==> flow/design.v <==
module my_selector_p #(
    parameter int DW = 2,
    parameter int NIN = 12
) (
    input  logic CLK,
    input  logic [NIN*DW-1:0] val_i,
    input  logic [NIN-1:0] pick_i,
    output logic [DW-1:0] y_o
);
    logic [NIN*DW-1:0] val_ff;
    always_ff @(posedge CLK) begin
        val_ff <= val_i;
    end
    logic [NIN-1:0] pick_ff;
    always_ff @(posedge CLK) begin
        pick_ff <= pick_i;
    end
    logic [DW-1:0] tmp;
    always_comb begin
        tmp = '0;
        for (int k = 0; k < NIN; k++)
            tmp = tmp | (val_ff[k*DW +: DW] & {DW{pick_ff[k]}});
    end
    always_ff @(posedge CLK) begin
        y_o <= tmp;
    end
endmodule
Reports on my_selector_p
Tool output for the design above, in the order of the flow.
Line numbers count from 1 in the design file above.
Cell names lack the library's common part.
Not given: n/a
Design
  design top: my_selector_p
  clock port: CLK
  standard-cell library: sky130hd
  corner: tt_025C_1v80

Word-level counts
Source: Yosys, flattened and elaborated, memories not mapped. Widths are those after wreduce; folded enables and synchronous resets count as part of the registers. Registers that Yosys merges into a memory's read port (data or address) are not register bits. Print and check cells do not count. Equal cells are merged and count once.
Storage and ports
  flip-flop bits (word level): 38
  output and inout port bits: 2
Operators by class
  bitwise gates (word level): 23
Operator list (number)
  bitwise AND 2 bit: 12
  OR 2 bit: 11

Longest topological paths
Yosys ltp: most cells in a row. Word level: on the elaborated netlist, between registers, memories and ports. Mapped: between sequential cells and ports; inverters and the memories' decode and read muxes count.
Depth
  depth in word-level cells: 12
  ABC_AREA: 0
  depth in mapped cells: 3

Netlist
Source: synth_stat.txt of the flow (Yosys; design flattened, memories mapped). It holds for the ABC_AREA given above (unset counts as 0); a run with the other value may have another netlist.
Cells by type
  dfxtp_1: number 38, total area 760.73 um2
  a22o_1: number 6, total area 52.55 um2
  a221oi_1: number 5, total area 43.792 um2
  a221oi_2: number 1, total area 15.014 um2
  nand3_1: number 2, total area 10.01 um2
Mapped netlist
  cell area after synthesis: 882.1 um2
  flip-flops: 38
  buffers: 0
  area of sequential cells: 760.7 um2
  mapped cells: 52

Worst setup path after synthesis
Path of least setup slack by OpenSTA after synthesis, without wires, with an ideal clock, recovery checks aside; 20% of the period is set as input and as output delay. Where synthesis merged equal registers, the netlist keeps one of their names.
Timing post-synthesis
  path kind: register to register
  start point: register val_ff[14]
  end point: register y_o[0]
  library setup time: 0.132 ns
  setup slack: 0.221 ns
  data required time: 0.988 ns
  arrival: 0.767 ns
  period: 1.12 ns
  launch time at the first pin: 0.000 ns
  delay of the path: 0.899 ns
  stages on the path: 4
  period reached after synthesis: 0.899 ns
"delay of the path" = arrival - input delay + setup time.
"stages on the path": output pins that drive a net of the path, with the launching flip-flop's if there is one; two outputs of one cell count as two.
"period reached after synthesis" = period - worst setup slack (recovery checks aside). The figure is calculated, with input and output delays left at 20% of the set period.
The rows between start and end are the longest chain of elaborated cells between them; the timing report does not say that the signal goes this way. Where chains are equally long, one stands for them.
A line is the first line of the expression or statement that the cell stems from. Yosys adds cells for indexed reads and writes and turns some case tables into memories.
On the way, post-synthesis
  path through: dfxtp_1 a22o_1 a221oi_1 nand3_1
  length of the longest elaborated chain: 6
RTL lines, path post-synthesis
  from (decl): RTL line 10  | logic [NIN*DW-1:0] val_ff;
  from (assign): RTL line 12  | val_ff <= val_i;
  bitwise AND 2 bit: RTL line 22  | tmp = tmp | (val_ff[k*DW +: DW] & {DW{pick_ff[k]}});
  OR 2 bit (5 in a row): RTL line 22
  to (assign): RTL line 25  | y_o <= tmp;
  to (decl): RTL line 8  | output logic [DW-1:0] y_o

Path in the finished layout
From the final timing report of flow run 1: the path of least setup slack in the routed layout; clock arrival at registers is part of the times.
Timing post-layout
  path kind: register to register
  start point: register pick_ff[3]
  end point: register y_o[1]
  setup slack: 0.13 ns
  library setup time: 0.11 ns
  stages on the path: 4
  arrival: 1.20 ns
  data required time: 1.33 ns
  launch time at the first pin: 0.32 ns
  period: 1.12 ns
The rows between start and end are the longest chain of elaborated cells between them; the timing report does not say that the signal goes this way. Where chains are equally long, one stands for them.
On the way, post-layout
  path through: dfxtp_1 a22o_1 a221oi_1 nand3_1
  length of the longest elaborated chain: 10
RTL lines, path post-layout
  from (decl): RTL line 14  | logic [NIN-1:0] pick_ff;
  from (assign): RTL line 16  | pick_ff <= pick_i;
  bitwise AND 2 bit: RTL line 22  | tmp = tmp | (val_ff[k*DW +: DW] & {DW{pick_ff[k]}});
  OR 2 bit (9 in a row): RTL line 22
  to (assign): RTL line 25  | y_o <= tmp;
  to (decl): RTL line 8  | output logic [DW-1:0] y_o

Wiki page: my_selector_p / flow data

Module my_selector_p, platform sky130hd: 3 stored runs of the flow (Yosys, OpenROAD) with differing settings, in no particular order. Input and output delays are each 20% of the period that was set; the output load is 0.01 pF.
"clock period reached": clock period set for the run, less the worst setup slack. It is reckoned from that one timing run; input and output delays stay at 20% of the period that was set.
"time on the worst setup path" means the part of the period allowed to the worst setup path (the constraints hold back 20% at inputs and 20% at outputs) less its slack; where the path has registers, the arrival times of their clocks count too.
By "power" is meant OpenSTA's value without simulated activity: inputs other than the clock are taken to toggle once in ten clock periods, and the tool carries that through the logic.

==> flow run 1: settings <==
{ "period_ns": 1.12, "CAP_MARGIN": 20, "CORE_MARGIN": 2, "CORE_UTILIZATION": 40, "SLEW_MARGIN": 20 }
==> flow run 1: results <==
synthesis area: 882.1 um2
die footprint: 2,596.9 um2
clock period reached: 0.992 ns
worst slack on setup checks: 0.128 ns
total negative setup slack: 0.000 ns
power: 2,214 uW
smallest hold slack: 0.333 ns
standard-cell area of the final layout: 1,338.8 um2
utilization after routing: 62.3 %
time on the worst setup path: 0.99 ns
kind of the worst setup path: register to register

==> flow run 2: settings <==
{ "period_ns": 1.3, "CORE_UTILIZATION": 22, "SETUP_SLACK_MARGIN": 0.03, "CORE_ASPECT_RATIO": 1.93, "CELL_PAD_IN_SITES_DETAIL_PLACEMENT": 2, "GPL_TIMING_DRIVEN": 1, "CTS_CLUSTER_DIAMETER": 351, "SLEW_MARGIN": 25, "CAP_MARGIN": 20, "CORE_MARGIN": 2 }
==> flow run 2: results <==
synthesis area: 882.1 um2
die footprint: 4,559.6 um2
clock period reached: 1.103 ns
worst slack on setup checks: 0.197 ns
total negative setup slack: 0.000 ns
power: 2,186 uW
smallest hold slack: 0.422 ns
standard-cell area of the final layout: 1,415.1 um2
utilization after routing: 36.1 %
time on the worst setup path: 0.84 ns
kind of the worst setup path: register to output

==> flow run 3: settings <==
{ "period_ns": 0.656, "CORE_UTILIZATION": 59, "PLACE_DENSITY_LB_ADDON": 0.02, "CELL_PAD_IN_SITES_GLOBAL_PLACEMENT": 3, "TNS_END_PERCENT": 40, "GPL_TIMING_DRIVEN": 0, "CTS_CLUSTER_SIZE": 71, "MAX_ROUTING_LAYER": "met5", "CAP_MARGIN": 20, "CORE_MARGIN": 2, "SLEW_MARGIN": 20 }
==> flow run 3: results <==
did not finish, placement stopped with FLW-0024
